==> flow/design.v <==
module switch_rtl #(
   parameter XLEN = 6,
   parameter NUM = 20
) (
   input  core_clk,
   input  reset,
   input  [NUM*XLEN-1:0] bus_in,
   input  [NUM-1:0] idx_in,
   output [XLEN-1:0] o_out
);
   reg [NUM*XLEN-1:0] bus_q;
   reg [NUM-1:0] idx_q;
   reg [XLEN-1:0] tmp;
   integer k;
   always @* begin
      tmp = 0;
      for (k = 0; k < NUM; k = k + 1)
         tmp = tmp | (bus_q[k*XLEN +: XLEN] & {XLEN{idx_q[k]}});
   end
   assign o_out = tmp;
   always @(posedge core_clk) begin
      if (reset) begin
         bus_q <= 0;
         idx_q <= 0;
      end else begin
         bus_q <= bus_in;
         idx_q <= idx_in;
      end
   end
endmodule
Step by step through the tools: switch_rtl
What the tools print for switch_rtl, step after step. Line numbers count from 1 in the design file above. Operators: Yosys type, input widths -> output width; for muxes data width and select width s. Library cell names are shortened. A cell with - has no value.

Top module: switch_rtl. Clock: core_clk. Library: sky130hd. Timing corner: tt_025C_1v80.

Word-level counts
Counts by Yosys on the flattened word-level netlist (proc, flatten, opt, wreduce; memories kept). Register bits leave out memories and registers merged into their read ports (data or address); mux counts leave out enables and synchronous resets folded into registers. Print and check cells are left out. Cells with the same type and inputs are merged into one.

The entry for flip-flop bits (word level) reads 140. The entry for input port bits reads 142. For output and inout bits the number is 6. For word-level cells the number is 41.

Bitwise logic cells: 39.

Operators by type and width (count): $and 6x6->6 (20); $or 6x6->6 (19).

Longest topological paths
Yosys ltp: most cells in a row. Word level: on the elaborated netlist, between registers, memories and ports. Mapped: between sequential cells and ports; inverters and the memories' decode and read muxes count.

For depth in word-level cells the number is 20. Under ABC_AREA stands 0. The entry for mapped depth reads 4. For depth with buffers taken out the number is 4.

After synthesis
The flow's flattened synthesis, as Yosys stat reports it; memories are mapped. The netlist is that of the ABC_AREA named above (0 if unset); the other value can give another one.

The figure for standard cells after synthesis is 367. Under cell area after synthesis stands 4334.2 sq um. Sequential area: 2802.7 sq um. For mapped flip-flops the number is 140. The entry for buffers reads 15.

Cell types: dfxtp_1 (count 140, total area 2.8E+03 sq um); nor2b_1 (count 140, total area 875.84 sq um); a221oi_1 (count 24, total area 210.202 sq um); a22o_1 (count 23, total area 201.443 sq um); a22oi_1 (count 12, total area 90.086 sq um); buf_2 (count 10, total area 50.048 sq um); and3_1 (count 6, total area 37.536 sq um); nand4_1 (count 6, total area 37.536 sq um); clkbuf_1 (count 5, total area 18.768 sq um); a22o_2 (count 1, total area 10.01 sq um).

Timing after synthesis
Source: OpenSTA report_checks on the synthesized netlist (no wires, ideal clock, input and output delay 20% of the period each), path of least setup slack; recovery checks are left aside. Register names are those of the netlist, which keeps one name where synthesis merged equal registers.

Path type: reg-to-output. Start point: register idx_q[0]. End point: output port o_out[3]. Under clock period stands 1.6 ns. The figure for external output delay is 0.320 ns. Under time at the first pin stands 0.000 ns. The entry for arrival reads 1.022 ns. Required time: 1.280 ns. For slack the number is 0.258 ns. The entry for delay of the path reads 1.022 ns. For driving pins on the path the number is 5. Under buffers on the path stands 0. Under synthesis period reached stands 1.342 ns.

"delay of the path" is the arrival time less input delay plus setup time. A path that ends at an output port has no setup time. "driving pins on the path" counts driving pins, that of a launching flip-flop among them; a cell with two outputs on the path counts twice. "synthesis period reached" is the clock period less the worst setup slack; recovery checks do not enter. This is arithmetic on one report: input and output delays are still those of the set period (20% each). The rows between start and end are the longest chain of elaborated cells between them; the timing report does not say that the signal goes this way. Where chains are equally long, one stands for them. A line is the first line of the expression or statement that the cell stems from. Yosys adds cells for indexed reads and writes and turns some case tables into memories.

Cell sequence: dfxtp_1 > a22o_1 > a221oi_1 > and3_1 > nand4_1. The figure for length of the longest elaborated chain is 20. The figure for elaborated cells on any way between the ends is 20. For source lines of those cells the number is 1. Classes of those cells: 20 x logic.

Ends and longest elaborated chain, after synthesis: start, declared (line 12) `reg [NUM-1:0] idx_q;`; start, assigned (line 24) `idx_q <= 0;`; start, assigned (line 27) `idx_q <= idx_in;`; $and 6x6->6 (line 18) `tmp = tmp | (bus_q[k*XLEN +: XLEN] & {XLEN{idx_q[k]}});`; $or 6x6->6 (19 in a row) (line 18); end, declared (line 9) `output [XLEN-1:0] o_out`.

Path in the finished layout
From the final timing report of stored run 1: the path of least setup slack in the routed layout; clock arrival at registers is part of the times.

Path type: reg-to-output. Start point: register idx_q[14]. End point: output port o_out[0]. Under clock period stands 0.97 ns. The figure for external output delay is 0.19 ns. Under time at the first pin stands 0.41 ns. The entry for arrival reads 1.77 ns. Required time: 0.78 ns. For slack the number is -1.00 ns. For driving pins on the path the number is 6. Under buffers on the path stands 1.

The rows between start and end are the longest chain of elaborated cells between them; the timing report does not say that the signal goes this way. Where chains are equally long, one stands for them.

Cell sequence: dfxtp_4 > a22o_1 > a221oi_4 > and3_4 > nand4_1 > buf_2. The figure for length of the longest elaborated chain is 7. The figure for elaborated cells on any way between the ends is 7. For source lines of those cells the number is 1. Classes of those cells: 7 x logic.

Ends and longest elaborated chain, post-layout: start, declared (line 12) `reg [NUM-1:0] idx_q;`; start, assigned (line 24) `idx_q <= 0;`; start, assigned (line 27) `idx_q <= idx_in;`; $and 6x6->6 (line 18) `tmp = tmp | (bus_q[k*XLEN +: XLEN] & {XLEN{idx_q[k]}});`; $or 6x6->6 (6 in a row) (line 18); end, declared (line 9) `output [XLEN-1:0] o_out`.

# Flow runs of switch_rtl

Below are 3 stored runs of the flow (Yosys, OpenROAD; platform sky130hd) on switch_rtl, each with its settings and what was measured, unordered. Constraints: input delay and output delay 20% of the set period each, output load 0.01 pF. "reached clock period" means the clock period less the worst setup slack. The figure is calculated, with input and output delays left at 20% of the set period. "time on the worst setup path": the worst setup path's part of the clock period (all of it between registers, 20% less for each end at a port) less its slack. A launch clock that arrives late makes it longer, a capture clock that arrives late makes it shorter. "power consumption": no workload was simulated; the value follows from the tool's default switching activity.

Files of stored run 1:
==> flow/run.sh <==
#!/bin/bash
# the make line also repeats the synthesis and layout settings of config.mk as NAME=value (left out here)
make -C /OpenROAD-flow-scripts/flow DESIGN_CONFIG=/design/flow/config.mk WORK_HOME=/design/flow/orfs CLKGATE_MAP_FILE= finish
==> flow/config.mk <==
export PLATFORM = sky130hd
export DESIGN_NAME = switch_rtl
export DESIGN_NICKNAME = switch_rtl
export VERILOG_FILES = /design/flow/design.v
export SDC_FILE = /design/flow/constraint.sdc
export NUM_CORES = 4
export LEC_CHECK = 0
export ABC_AREA = 0
export CAP_MARGIN = 40
export CORE_ASPECT_RATIO = 0.56
export CORE_MARGIN = 2
export CORE_UTILIZATION = 40
export PLACE_DENSITY_LB_ADDON = 0.09
export SLEW_MARGIN = 40
export TNS_END_PERCENT = 25
==> flow/constraint.sdc <==
create_clock -name core_clock -period 0.97 [get_ports {core_clk}]
set_input_delay 0.1940 -clock core_clock [delete_from_list [all_inputs] [get_ports {core_clk}]]
set_output_delay 0.1940 -clock core_clock [all_outputs]
set_load 0.01 [all_outputs]

Results of stored run 1. The measured reached clock period is 1.967 ns. The measured total negative setup slack is -5.722 ns. The setup slack of the worst path is -0.997 ns. The worst hold slack in the final report stands at 0.220 ns. For the chip area after synthesis (Yosys) the run shows 4334.2 sq um. The standard-cell area after layout reads 6940.4 sq um. The area of the die comes to 11719.2 sq um. The utilization of the finished layout reads 65.8%. The power consumption comes to 0.014588 W. The time on the worst setup path is 1.77 ns. Type of the worst setup path: reg-to-output.

Files of stored run 2:
==> flow/run.sh <==
#!/bin/bash
# the make line also repeats the synthesis and layout settings of config.mk as NAME=value (left out here)
make -C /OpenROAD-flow-scripts/flow DESIGN_CONFIG=/design/flow/config.mk WORK_HOME=/design/flow/orfs CLKGATE_MAP_FILE= finish
==> flow/config.mk <==
export PLATFORM = sky130hd
export DESIGN_NAME = switch_rtl
export DESIGN_NICKNAME = switch_rtl
export VERILOG_FILES = /design/flow/design.v
export SDC_FILE = /design/flow/constraint.sdc
export NUM_CORES = 4
export LEC_CHECK = 0
export CAP_MARGIN = 20
export CORE_MARGIN = 2
export CORE_UTILIZATION = 40
export SLEW_MARGIN = 20
==> flow/constraint.sdc <==
create_clock -name core_clock -period 1.6 [get_ports {core_clk}]
set_input_delay 0.3200 -clock core_clock [delete_from_list [all_inputs] [get_ports {core_clk}]]
set_output_delay 0.3200 -clock core_clock [all_outputs]
set_load 0.01 [all_outputs]

Results of stored run 2. The area of the die comes to 11684.5 sq um. The standard-cell area after layout reads 6762.7 sq um. The measured reached clock period is 2.259 ns. The power consumption comes to 0.008287 W. The utilization of the finished layout reads 63.2%. The worst hold slack in the final report stands at 0.260 ns. The time on the worst setup path is 1.94 ns. Type of the worst setup path: reg-to-output. The setup slack of the worst path is -0.659 ns. The measured total negative setup slack is -3.527 ns. For the chip area after synthesis (Yosys) the run shows 4334.2 sq um.

Files of stored run 3:
==> flow/run.sh <==
#!/bin/bash
# the make line also repeats the synthesis and layout settings of config.mk as NAME=value (left out here)
make -C /OpenROAD-flow-scripts/flow DESIGN_CONFIG=/design/flow/config.mk WORK_HOME=/design/flow/orfs CLKGATE_MAP_FILE= finish
==> flow/config.mk <==
export PLATFORM = sky130hd
export DESIGN_NAME = switch_rtl
export DESIGN_NICKNAME = switch_rtl
export VERILOG_FILES = /design/flow/design.v
export SDC_FILE = /design/flow/constraint.sdc
export NUM_CORES = 4
export LEC_CHECK = 0
export CAP_MARGIN = 20
export CELL_PAD_IN_SITES_GLOBAL_PLACEMENT = 0
export CORE_MARGIN = 2
export CORE_UTILIZATION = 15
export GPL_ROUTABILITY_DRIVEN = 1
export MAX_ROUTING_LAYER = met5
export MIN_ROUTING_LAYER = met1
export PLACE_DENSITY_LB_ADDON = 0.3
export SLEW_MARGIN = 10
==> flow/constraint.sdc <==
create_clock -name core_clock -period 1.17 [get_ports {core_clk}]
set_input_delay 0.2340 -clock core_clock [delete_from_list [all_inputs] [get_ports {core_clk}]]
set_output_delay 0.2340 -clock core_clock [all_outputs]
set_load 0.01 [all_outputs]

Results of stored run 3. The worst hold slack in the final report stands at 0.139 ns. The utilization of the finished layout reads 25.7%. For the chip area after synthesis (Yosys) the run shows 4334.2 sq um. The setup slack of the worst path is -0.864 ns. The standard-cell area after layout reads 7332.0 sq um. The power consumption comes to 0.012113 W. The measured reached clock period is 2.034 ns. The time on the worst setup path is 1.80 ns. Type of the worst setup path: reg-to-output. The area of the die comes to 30270.8 sq um. The measured total negative setup slack is -4.978 ns.
